==> flow/design.v <==
module core_data_mux_top #(
    parameter DATA_WIDTH = 20
) (
    input  wire sys_clk,
    input  wire RSTN,
    input  wire [DATA_WIDTH-1:0] i_data_0,
    input  wire [DATA_WIDTH-1:0] i_data_1,
    input  wire [DATA_WIDTH-1:0] i_data_2,
    input  wire [DATA_WIDTH-1:0] i_data_3,
    input  wire [1:0] i_select,
    output wire [DATA_WIDTH-1:0] o_out
);
    reg [DATA_WIDTH-1:0] tmp;
    always @* begin
        if (i_select == 0) tmp = i_data_0;
        else if (i_select == 1) tmp = i_data_1;
        else if (i_select == 2) tmp = i_data_2;
        else tmp = i_data_3;
    end
    reg [DATA_WIDTH-1:0] out_reg;
    always @(posedge sys_clk) begin
        if (!RSTN) begin
            out_reg <= 0;
        end else begin
            out_reg <= tmp;
        end
    end
    assign o_out = out_reg;
endmodule
==> From RTL to reports: core_data_mux_top <==
Tool output for the design above, in the order of the flow.
Line numbers count from 1 in the design file above.
{ "inputs": {"top": "core_data_mux_top", "clock_port": "sys_clk", "lib": "sky130hd", "pvt_corner": "tt_025C_1v80"} }

==> Word level <==
Yosys after proc, flatten, opt, wreduce and memory -nomap, before mapping. Enables and synchronous resets that opt folds into registers are not counted as muxes. Memory bits, and registers merged into a memory's read port (data or address), are not among the register bits. Print and check cells are not counted. Equal cells are merged and count once.
{ "op_classes": {"addsub": 0, "n_mul": 0, "div": 0, "compare": 0, "n_eq": 2, "shift": 0, "n_mux": 3, "n_logic": 0, "n_reduce_logical": 1} }
{ "op_table": {"columns": ["operator", "count"], "rows": [
  ["20-bit two-way mux", 3],
  ["2-bit by 1-bit == test with 1-bit output (second input constant)", 1],
  ["2-bit == test (second input constant)", 1],
  ["2-bit logical NOT", 1]
]} }
{ "word_totals": {"register_bits": 20, "latch_bits": 0, "ram_bits": 0, "romBits": 0, "clocked_rd_ports_x_width": 0, "memories": 0, "out_inout_bits": 20, "word_cells": 7} }

==> Logic depth <==
Depth = most cells in a row (Yosys ltp): at word level without a register or memory, in the mapped netlist without a sequential cell, where the memories' decode and read muxes count.
{ "depth": {"depth_word": 4, "abc_area": 0, "depth_mapped": 4, "ltp_nobuf": 2} }

==> Mapped cells and area <==
The flow's flattened synthesis, as Yosys stat reports it; memories are mapped. The netlist is that of the ABC_AREA named above (0 if unset); the other value can give another one.
The area totals of this step are shown rounded.
{ "mapped": {"cells": 91, "yosys_area_um2": 1000, "sequential_area_um2": 400, "flip_flops": 20} }
{ "types": {"columns": ["cell_type", "count", "area_total_um2"], "rows": [
  ["sky130_fd_sc_hd__dfxtp_1", 20, 400.384],
  ["sky130_fd_sc_hd__mux2i_1", 40, 400.384],
  ["sky130_fd_sc_hd__o22ai_1", 20, 125.12],
  ["sky130_fd_sc_hd__buf_8", 2, 30.029],
  ["sky130_fd_sc_hd__buf_6", 2, 22.522],
  ["sky130_fd_sc_hd__buf_12", 1, 20.019],
  ["sky130_fd_sc_hd__clkbuf_1", 4, 15.014],
  ["sky130_fd_sc_hd__nand2b_1", 1, 6.256],
  ["sky130_fd_sc_hd__nand2_1", 1, 3.754]
]} }

==> Worst setup path after synthesis <==
Path of least setup slack by OpenSTA after synthesis, without wires, with an ideal clock, recovery checks aside; 20% of the period is set as input and as output delay. Where synthesis merged equal registers, the netlist keeps one of their names.
{ "synth_path": {"path_kind": "input -> register", "from": "in i_select[0]", "to": "reg out_reg[10]", "tclk_ps": 1020, "launch_ps": 204, "arrival_time_ps": 722, "required_ps": 886, "path_slack_ps": 164, "path_delay_ps": 652, "driving_pins": 4, "period_less_setup_slack_ps": 856} }
"path_delay_ps" is the arrival time less input delay plus setup time.
"driving_pins": output pins that drive a net of the path, with the launching flip-flop's if there is one; two outputs of one cell count as two.
"period_less_setup_slack_ps" = period - worst setup slack (recovery checks aside). The figure is calculated, with input and output delays left at 20% of the set period.
The rows between start and end are the longest chain of elaborated cells between them; the timing report does not say that the signal goes this way. Where chains are equally long, one stands for them.
Each line given opens the expression or statement behind the cell; cells for indexed reads and writes are added by Yosys, which also makes memories of some case tables.
{ "synth_between": {"path_cell_list": "sky130_fd_sc_hd__buf_6 sky130_fd_sc_hd__buf_6 sky130_fd_sc_hd__mux2i_1 sky130_fd_sc_hd__o22ai_1", "elab_chain_cells": 4, "cone_cells": 6, "lines_between": 3, "cone_classes": "eq/ne: 2; mux: 3; reduce/logical: 1"} }
{ "synth_lines": {"columns": ["element", "line_no", "text"], "rows": [
  ["start: declaration", 10, "input  wire [1:0] i_select,"],
  ["2-bit == test", 17, "else if (i_select == 2) tmp = i_data_2;"],
  ["20-bit two-way mux", 17, null],
  ["20-bit two-way mux", 16, "else if (i_select == 1) tmp = i_data_1;"],
  ["20-bit two-way mux", 15, "if (i_select == 0) tmp = i_data_0;"],
  ["end: assignment", 23, "out_reg <= 0;"],
  ["end: assignment", 25, "out_reg <= tmp;"],
  ["end: declaration", 20, "reg [DATA_WIDTH-1:0] out_reg;"]
]} }

==> Timing after layout <==
Path of least setup slack in the final report of run B (OpenROAD, finished layout, wires in). Where an end is a register, its clock arrival counts in the times.
The report prints the path's times to 10 ps; the period is as set.
{ "layout_path": {"path_kind": "register -> output", "from": "reg out_reg[2]", "to": "out o_out[2]", "tclk_ps": 1020, "out_delay_ps": 200, "launch_ps": 310, "arrival_time_ps": 770, "required_ps": 820, "path_slack_ps": 50, "driving_pins": 2} }
{ "layout_between": {"path_cell_list": "sky130_fd_sc_hd__dfxtp_2 sky130_fd_sc_hd__buf_2", "elab_chain_cells": 0, "cone_cells": 0, "lines_between": 0} }
{ "layout_lines": {"columns": ["element", "line_no", "text"], "rows": [
  ["start: declaration", 20, "reg [DATA_WIDTH-1:0] out_reg;"],
  ["start: assignment", 23, "out_reg <= 0;"],
  ["start: assignment", 25, "out_reg <= tmp;"],
  ["end: declaration", 11, "output wire [DATA_WIDTH-1:0] o_out"]
]} }

Ticket comment

Measured data: module core_data_mux_top, platform sky130hd, 3 stored runs of the flow under differing settings, order arbitrary. Input and output delays are each 20% of the period that was set; the output load is 0.01 pF.
"achievedPeriod_ps" means the clock period less the worst setup slack. The figure is calculated, with input and output delays left at 20% of the set period.
"worst_setup_path_time_ps" means the part of the period allowed to the worst setup path (the constraints hold back 20% at inputs and 20% at outputs) less its slack; where the path has registers, the arrival times of their clocks count too.
"design_power_mw": no workload was simulated; the value follows from the tool's default switching activity.
"worst_setup_path_time_ps" is given in steps of 10 ps.
Values from the reports are rounded here.
[
  {
    "run": "run A",
    "settings": { "period_ns": 0.73, "CORE_UTILIZATION": 46, "PLACE_DENSITY_LB_ADDON": 0.04, "HOLD_SLACK_MARGIN": 0.22, "CELL_PAD_IN_SITES_DETAIL_PLACEMENT": 1, "CAP_MARGIN": 5, "CORE_MARGIN": 2, "SLEW_MARGIN": 20 },
    "outcome": "not finished: placement ended with error FLW-0024"
  },
  {
    "run": "run B",
    "settings": { "period_ns": 1.02, "CAP_MARGIN": 20, "CORE_MARGIN": 2, "CORE_UTILIZATION": 40, "SLEW_MARGIN": 20 },
    "results": { "achievedPeriod_ps": 970, "design_die_area_um2": 3000, "design_power_mw": 2.0, "synthesis_area_um2": 1000, "utilization_pct": 82, "finalCellArea_um2": 2000, "final_setup_tns_ps": 0, "hold_ws_ps": 460, "fin_ws_ps": 50, "worst_setup_path_time_ps": 770, "worstPathKind": "register -> output" }
  },
  {
    "run": "run C",
    "settings": { "period_ns": 0.85, "CORE_UTILIZATION": 22, "SETUP_SLACK_MARGIN": 0.14, "CORE_MARGIN": 8, "CELL_PAD_IN_SITES_DETAIL_PLACEMENT": 2, "TNS_END_PERCENT": 40, "GPL_TIMING_DRIVEN": 1, "CTS_CLUSTER_DIAMETER": 367, "CAP_MARGIN": 15, "SLEW_MARGIN": 0, "MIN_ROUTING_LAYER": "met1" },
    "results": { "hold_ws_ps": 220, "design_power_mw": 3.1, "fin_ws_ps": -36, "finalCellArea_um2": 2500, "final_setup_tns_ps": -350, "synthesis_area_um2": 1000, "worst_setup_path_time_ps": 720, "worstPathKind": "register -> output", "achievedPeriod_ps": 886, "utilization_pct": 53, "design_die_area_um2": 7100 }
  }
]
